==> flow/design.v <==
module u_relation #(
  parameter BITS = 8
) (
  input  logic sys_clk,
  input  logic rst_i,
  input  logic en,
  input  logic [BITS-1:0] dataa,
  input  logic [BITS-1:0] datab,
  output logic above
);
  logic [BITS-1:0] r_dataa;
  logic [BITS-1:0] r_datab;
  logic [BITS:0] cc;
  assign cc[0] = 1'b0;
  for (genvar i = 0; i < BITS; i++) begin : u_g
    assign cc[i+1] = (r_dataa[i] ^ r_datab[i]) ? r_dataa[i] : cc[i];
  end
  always_ff @(posedge sys_clk) begin
    if (rst_i) begin
      r_dataa <= '0;
      r_datab <= '0;
      above <= 1'b0;
    end else if (en) begin
      r_dataa <= dataa;
      r_datab <= datab;
      above <= cc[BITS];
    end
  end
endmodule
# Tool chain data of u_relation
# Tool output for the design above, in the order of the flow.
# Line numbers count from 1 in the design file above.
# Operators: Yosys type, input widths -> output width; for muxes data width and select width s.
# A cell with -- has no value.
[setup]
top = "u_relation"
clock_port = "sys_clk"
cell_library = "sky130hd"
corner = "tt_025C_1v80"

# Word level
# Counts by Yosys on the flattened word-level netlist (proc, flatten, opt, wreduce; memories kept). Register bits leave out memories and registers merged into their read ports (data or address); mux counts leave out enables and synchronous resets folded into registers. Print and check cells are left out. Cells with the same type and inputs are merged into one.
[op_classes]
muxes = 8
bitwise = 8
[op_table]
columns = ["op", "n"]
rows = [
  ["$xor 1x1->1", 8],
  ["$mux 1", 8],
]
[word_totals]
reg_bits = 17
in_bits = 19
output_inout_bits = 1
wordCells = 19

# Depth
# Longest topological path by Yosys (ltp), each cell counted once; first at word level (registers and memories cut), then after technology mapping (sequential cells cut; the memories' decode and read muxes count).
[depth]
ltp_word = 9
ABC_AREA = 0
mapped_depth = 5
mapped_depth_nobuf = 5

# After synthesis
# The flow's flattened synthesis, as Yosys stat reports it; memories are mapped. The netlist is that of the ABC_AREA named above (0 if unset); the other value can give another one.
# Totals and module areas in this step are rounded.
[mapped]
cell_count = 74
synth_area_um2 = 709
seqArea_um2 = 340
ffs = 17
n_buf = 4
[types]
columns = ["type", "n", "type_area_um2"]
rows = [
  ["sky130_fd_sc_hd__dfxtp_1", 17, 340.326],
  ["sky130_fd_sc_hd__mux2i_1", 16, 160.154],
  ["sky130_fd_sc_hd__nor2_1", 16, 60.058],
  ["sky130_fd_sc_hd__inv_1", 5, 18.768],
  ["sky130_fd_sc_hd__nand2b_1", 3, 18.768],
  ["sky130_fd_sc_hd__nor2b_1", 2, 12.512],
  ["sky130_fd_sc_hd__o22ai_1", 2, 12.512],
  ["sky130_fd_sc_hd__buf_6", 1, 11.261],
  ["sky130_fd_sc_hd__a221oi_1", 1, 8.758],
  ["sky130_fd_sc_hd__nand4b_1", 1, 8.758],
  ["sky130_fd_sc_hd__o221ai_1", 1, 8.758],
  ["sky130_fd_sc_hd__a211oi_1", 1, 7.507],
  ["sky130_fd_sc_hd__a21boi_0", 1, 7.507],
  ["sky130_fd_sc_hd__a22oi_1", 1, 7.507],
  ["sky130_fd_sc_hd__clkbuf_1", 2, 7.507],
  ["sky130_fd_sc_hd__a21oi_1", 1, 5.005],
  ["sky130_fd_sc_hd__buf_2", 1, 5.005],
  ["sky130_fd_sc_hd__o21ai_1", 1, 5.005],
  ["sky130_fd_sc_hd__nand2_1", 1, 3.754],
]

# Timing after synthesis
# Source: OpenSTA report_checks on the synthesized netlist (no wires, ideal clock, input and output delay 20% of the period each), path of least setup slack; recovery checks are left aside. Register names are those of the netlist, which keeps one name where synthesis merged equal registers.
[synth_timing]
kind = "flip-flop to flip-flop"
startpoint = "reg r_dataa[2]"
endpoint = "reg above"
clock_period_ns = 1.35
setup_time_ns = 0.128
t_first_pin_ns = 0.000
t_arrival_ns = 0.950
t_required_ns = 1.222
setup_slack_ns = 0.272
delay_ns = 1.078
driving_pins = 6
n_path_buf = 0
period_less_setup_slack_ns = 1.078
# "delay_ns" = arrival - input delay + setup time.
# "driving_pins": output pins that drive a net of the path, with the launching flip-flop's if there is one; two outputs of one cell count as two.
# "period_less_setup_slack_ns" is the clock period less the worst setup slack; recovery checks do not enter. This is arithmetic on one report: input and output delays are still those of the set period (20% each).
# Between the ends stands the longest chain of elaborated cells between them, by number of cells; it is not shown to be the way that was timed. Of several equally long chains one is given.
# A line is the first line of the expression or statement that the cell stems from. Yosys adds cells for indexed reads and writes and turns some case tables into memories.
[synth_via]
cell_sequence = "sky130_fd_sc_hd__dfxtp_1 > sky130_fd_sc_hd__nand2b_1 > sky130_fd_sc_hd__a221oi_1 > sky130_fd_sc_hd__a211oi_1 > sky130_fd_sc_hd__o21ai_1 > sky130_fd_sc_hd__a21oi_1"
elab_chain_cells = 7
cone_cells = 7
cone_lines = 1
cone_classes = "mux: 6; logic: 1"
[synth_rtl]
columns = ["item", "line_no", "source"]
rows = [
  ["from (decl)", 11, "logic [BITS-1:0] r_dataa;"],
  ["from (assign)", 20, "r_dataa <= '0;"],
  ["from (assign)", 24, "r_dataa <= dataa;"],
  ["$xor 1x1->1", 16, "assign cc[i+1] = (r_dataa[i] ^ r_datab[i]) ? r_dataa[i] : cc[i];"],
  ["$mux 1 x6", 16, ""],
  ["to (assign)", 22, "above <= 1'b0;"],
  ["to (assign)", 26, "above <= cc[BITS];"],
  ["to (decl)", 9, "output logic above"],
]

# Path in the finished layout
# Path of least setup slack in the final report of flow run 1 (OpenROAD, finished layout, wires in). Where an end is a register, its clock arrival counts in the times.
[layout_timing]
kind = "flip-flop to flip-flop"
startpoint = "reg r_dataa[2]"
endpoint = "reg above"
clock_period_ns = 1.35
setup_time_ns = 0.10
t_first_pin_ns = 0.28
t_arrival_ns = 1.35
t_required_ns = 1.53
setup_slack_ns = 0.18
driving_pins = 6
n_path_buf = 0
# Between the ends stands the longest chain of elaborated cells between them, by number of cells; it is not shown to be the way that was timed. Of several equally long chains one is given.
[layout_via]
cell_sequence = "sky130_fd_sc_hd__dfxtp_1 > sky130_fd_sc_hd__nand2b_1 > sky130_fd_sc_hd__a221oi_1 > sky130_fd_sc_hd__a211oi_1 > sky130_fd_sc_hd__o21ai_1 > sky130_fd_sc_hd__a21oi_1"
elab_chain_cells = 7
cone_cells = 7
cone_lines = 1
cone_classes = "mux: 6; logic: 1"
[layout_rtl]
columns = ["item", "line_no", "source"]
rows = [
  ["from (decl)", 11, "logic [BITS-1:0] r_dataa;"],
  ["from (assign)", 20, "r_dataa <= '0;"],
  ["from (assign)", 24, "r_dataa <= dataa;"],
  ["$xor 1x1->1", 16, "assign cc[i+1] = (r_dataa[i] ^ r_datab[i]) ? r_dataa[i] : cc[i];"],
  ["$mux 1 x6", 16, ""],
  ["to (assign)", 22, "above <= 1'b0;"],
  ["to (assign)", 26, "above <= cc[BITS];"],
  ["to (decl)", 9, "output logic above"],
]

# Module u_relation, platform sky130hd: 3 stored runs of the flow (Yosys, OpenROAD) with differing settings, in no particular order. Input and output delays are each 20% of the period that was set; the output load is 0.01 pF.
# "achievedPeriod_ns" is the run's clock period less its worst setup slack. It is reckoned from that one timing run; input and output delays stay at 20% of the period that was set.
# By "timing.worst_path_ns" is meant the share of the clock period that the worst setup path is allowed (20% is reserved at inputs, 20% at outputs), minus its slack. Clock arrival times at its registers enter into it.
# "design_power_uw": no workload was simulated; the value follows from the tool's default switching activity.
# The measured numbers are rounded.

[[run]]
name = "flow run 1"
[run.settings]
period_ns = 1.35
CAP_MARGIN = 20
CORE_MARGIN = 2
CORE_UTILIZATION = 40
SLEW_MARGIN = 20
[run.results]
achievedPeriod_ns = 1.165
post_synth_area_um2 = 709
finalCellArea_um2 = 957
die_footprint_um2 = 2130
timing.worst_path_ns = 1.17
worstPathKind = "flip-flop to flip-flop"
worst_setup_slack_ns = 0.185
hold_worst_slack_ns = 0.475
design_power_uw = 982

[[run]]
name = "flow run 2"
[run.settings]
period_ns = 1.13
CORE_UTILIZATION = 50
SETUP_SLACK_MARGIN = 0.25
PLACE_DENSITY_LB_ADDON = 0.08
CORE_MARGIN = 10
CELL_PAD_IN_SITES_DETAIL_PLACEMENT = 0
TNS_END_PERCENT = 80
CTS_CLUSTER_SIZE = 29
SLEW_MARGIN = 35
CAP_MARGIN = 20
[run.results]
achievedPeriod_ns = 1.092
post_synth_area_um2 = 709
finalCellArea_um2 = 1010
die_footprint_um2 = 3330
timing.worst_path_ns = 0.87
worstPathKind = "flip-flop to output port"
worst_setup_slack_ns = 0.038
hold_worst_slack_ns = 0.495
design_power_uw = 1190

[[run]]
name = "flow run 3"
[run.settings]
period_ns = 1.78
CORE_UTILIZATION = 49
SETUP_SLACK_MARGIN = 0.29
PLACE_DENSITY_LB_ADDON = 0.25
CELL_PAD_IN_SITES_GLOBAL_PLACEMENT = 2
CAP_MARGIN = 5
SLEW_MARGIN = 0
CORE_MARGIN = 2
[run.results]
outcome = "not finished: placement ended with error FLW-0024"
